==> flow/design.v <==
module gen_mag_cmp #(
    parameter W = 36
) (
    input  i_clk,
    input  rstn,
    input  [W-1:0] opa,
    input  [W-1:0] opb,
    output reg greater,
    output reg match
);
    localparam NB = W / 4;
    wire [NB:0] g;
    wire [NB:0] e;
    assign g[0] = 1'b0;
    assign e[0] = 1'b1;
    genvar gi;
    generate
        for (gi = 0; gi < NB; gi = gi + 1) begin : gen
            cmp4 u0 (.a(opa[4*gi +: 4]), .b(opb[4*gi +: 4]), .gi(g[gi]), .ei(e[gi]), .go(g[gi+1]), .eo(e[gi+1]));
        end
    endgenerate
    always @(posedge i_clk or negedge rstn) begin
        if (~rstn) begin
            greater <= 1'b0;
            match <= 1'b0;
        end else begin
            greater <= g[NB];
            match <= e[NB];
        end
    end
endmodule
module cmp4 (
    input wire [3:0] a,
    input wire [3:0] b,
    input wire gi,
    input wire ei,
    output wire go,
    output wire eo
);
    assign go = (a > b) | ((a == b) & gi);
    assign eo = (a == b) & ei;
endmodule
Tool chain data of gen_mag_cmp
Tool output for the design above, in the order of the flow.
Line numbers count from 1 in the design file above.
Cell names lack the library's common part.
The mark - stands for no value.
Design
  design top: gen_mag_cmp
  clock: i_clk
  standard-cell library: sky130hd
  library corner: tt_025C_1v80

After elaboration
Counts by Yosys on the flattened word-level netlist (proc, flatten, opt, wreduce; memories kept). Register bits leave out memories and registers merged into their read ports (data or address); mux counts leave out enables and synchronous resets folded into registers. Print and check cells are left out. Cells with the same type and inputs are merged into one.
Word-level totals
  cells after elaboration: 44
  output and inout bits: 2
  register bits after elaboration: 2
Operators by class
  bitwise operators: 24
  equal/unequal tests: 9
  magnitude comparators: 9
Operator list (number)
  greater-than comparator 4 bit: 9
  equality test 4 bit: 9
  AND 1 bit: 16
  OR 1 bit: 8

Depth
Longest topological path by Yosys (ltp), each cell counted once; first at word level (registers and memories cut), then after technology mapping (sequential cells cut; the memories' decode and read muxes count).
Depth
  word-level depth: 17
  ABC_AREA: 0
  mapped depth: 8

Mapped cells and area
Yosys stat after the flow's synthesis: flattened, memories mapped to cells. It holds for the ABC_AREA given above (unset counts as 0); a run with the other value may have another netlist.
Cells by type (number)
  ha_1: 36
  inv_1: 42
  a21oi_1: 11
  dfrtp_1: 2
  o21ai_0: 9
  a21o_1: 5
  nand2b_1: 5
  nand4_1: 4
  nand2_1: 6
  nand4_4: 1
  and3_1: 3
  a221oi_1: 2
  a211oi_1: 2
  a221oi_2: 1
  a31oi_1: 2
  nand4_2: 1
  nor4_2: 1
  and3_4: 1
Not listed: further types 8, cells in them 9.
Synthesis totals
  cells in the netlist: 143
  flip-flop cells: 2
  mapped area: 1069.8 sq um
The figures by module come from a second, unflattened synthesis with its own total; it is not the netlist above.
Second synthesis, totals
  cell total of the unflattened synthesis: 148
  area (unflattened synthesis): 1026.0 sq um
Each row is one instance without its submodules.
Modules
  cmp4: area 107.6 sq um, cells 16, seq. area 0.0 sq um, instances 9
  gen_mag_cmp: area 57.6 sq um, cells 4, seq. area 50.0 sq um, instances 1

Timing after synthesis
OpenSTA on the mapped netlist: ideal clock, no wires. The path of least setup slack (recovery checks aside). Input and output delay are each 20% of the period. Register names are those of the netlist, which keeps one name where synthesis merged equal registers.
Timing path post-synthesis
  kind: input to register
  from: input port opb[35]
  to: register greater
  path buffers: 0
  arrival time: 1.461 ns
  external input delay: 0.378 ns
  clock period: 1.89 ns
  driving pins on the path: 7
  slack: 0.305 ns
  path delay: 1.208 ns
  period reached after synthesis: 1.585 ns
"path delay" is the arrival time less input delay plus setup time.
"driving pins on the path": output pins that drive a net of the path, with the launching flip-flop's if there is one; two outputs of one cell count as two.
"period reached after synthesis" is the clock period less the worst setup slack; recovery checks do not enter. This is arithmetic on one report: input and output delays are still those of the set period (20% each).
Between the ends stands the longest chain of elaborated cells between them, by number of cells; it is not shown to be the way that was timed. Of several equally long chains one is given.
A line is the first line of the expression or statement that the cell stems from. Yosys adds cells for indexed reads and writes and turns some case tables into memories.
Between the ends, post-synthesis
  path through: inv_1 ha_1 and4_1 and3_4 nand4_4 a221oi_2 a21oi_2
  cells in the longest elaborated chain: 3
  elaborated cells on any way between the ends: 4
  those cells by class: compare (1); eq/ne (1); logic (2)
RTL lines, path post-synthesis
  from (decl): RTL line 7  | input  [W-1:0] opb,
  equality test 4 bit: RTL line 40  | assign go = (a > b) | ((a == b) & gi);
  AND 1 bit: RTL line 40
  OR 1 bit: RTL line 40
  to (assign): RTL line 24  | greater <= 1'b0;
  to (assign): RTL line 27  | greater <= g[NB];
  to (decl): RTL line 8  | output reg greater,

Timing after layout
Path of least setup slack in the final report of run A (OpenROAD, finished layout, wires in). Where an end is a register, its clock arrival counts in the times.
Timing path post-layout
  kind: input to register
  from: input port opb[35]
  to: register match
  external input delay: 0.21 ns
  slack: -0.34 ns
  path buffers: 1
  driving pins on the path: 7
  arrival time: 1.48 ns
  clock period: 1.04 ns
Between the ends stands the longest chain of elaborated cells between them, by number of cells; it is not shown to be the way that was timed. Of several equally long chains one is given.
Between the ends, post-layout
  path through: buf_2 inv_2 ha_4 and4_4 and3_4 nand4_4 nor4_2
  cells in the longest elaborated chain: 2
  elaborated cells on any way between the ends: 2
  those cells by class: eq/ne (1); logic (1)
RTL lines, path post-layout
  from (decl): RTL line 7  | input  [W-1:0] opb,
  equality test 4 bit: RTL line 41  | assign eo = (a == b) & ei;
  AND 1 bit: RTL line 41
  to (assign): RTL line 25  | match <= 1'b0;
  to (assign): RTL line 28  | match <= e[NB];
  to (decl): RTL line 9  | output reg match

Subject: gen_mag_cmp on sky130hd, stored results

Hello all,

Design gen_mag_cmp on sky130hd. What follows are 3 stored runs of the flow, each under its own settings; their order means nothing. The constraints put input and output delay at 20% of the set period each and load the outputs with 0.01 pF.
"achieved clock period (ns)": clock period set for the run, less the worst setup slack. It is reckoned from that one timing run; input and output delays stay at 20% of the period that was set.
"finish__power__total" is the tool's figure for a default switching activity; nothing was simulated.

settings of run A
{
  "period_ns": 1.04,
  "CORE_UTILIZATION": 27,
  "PLACE_DENSITY": 0.61,
  "CORE_ASPECT_RATIO": 0.59,
  "CORE_MARGIN": 8,
  "CELL_PAD_IN_SITES_GLOBAL_PLACEMENT": 0,
  "CELL_PAD_IN_SITES_DETAIL_PLACEMENT": 1,
  "TNS_END_PERCENT": 45,
  "GPL_ROUTABILITY_DRIVEN": 0,
  "CTS_CLUSTER_DIAMETER": 22,
  "CAP_MARGIN": 25,
  "SLEW_MARGIN": 20
}
report of run A
yosys chip area after synthesis (um^2): 1069.8
finish__design__die__area: 6303.1
finish__design__instance__utilization: 0.6344
finish__timing__setup__ws: -0.341
finish__timing__setup__tns: -0.669
finish__timing__hold__ws: 0.167
finish__power__total: 1.441e-03
achieved clock period (ns): 1.381

settings of run B
{
  "period_ns": 0.94,
  "CORE_UTILIZATION": 62,
  "SETUP_SLACK_MARGIN": 0.26,
  "PLACE_DENSITY_LB_ADDON": 0.03,
  "CORE_ASPECT_RATIO": 0.79,
  "CELL_PAD_IN_SITES_DETAIL_PLACEMENT": 1,
  "GPL_ROUTABILITY_DRIVEN": 0,
  "CTS_CLUSTER_SIZE": 17,
  "CAP_MARGIN": 10,
  "SLEW_MARGIN": 20,
  "MIN_ROUTING_LAYER": "met2",
  "MAX_ROUTING_LAYER": "met5",
  "CORE_MARGIN": 2
}
report of run B: did not finish, place, FLW-0024

settings of run C
{
  "period_ns": 1.89,
  "CAP_MARGIN": 20,
  "CORE_MARGIN": 2,
  "CORE_UTILIZATION": 40,
  "SLEW_MARGIN": 20
}
report of run C
yosys chip area after synthesis (um^2): 1069.8
finish__design__die__area: 3104.2
finish__design__instance__utilization: 0.8734
finish__timing__setup__ws: 0.064
finish__timing__setup__tns: 0.000
finish__timing__hold__ws: 0.304
finish__power__total: 6.095e-04
achieved clock period (ns): 1.826

Thanks
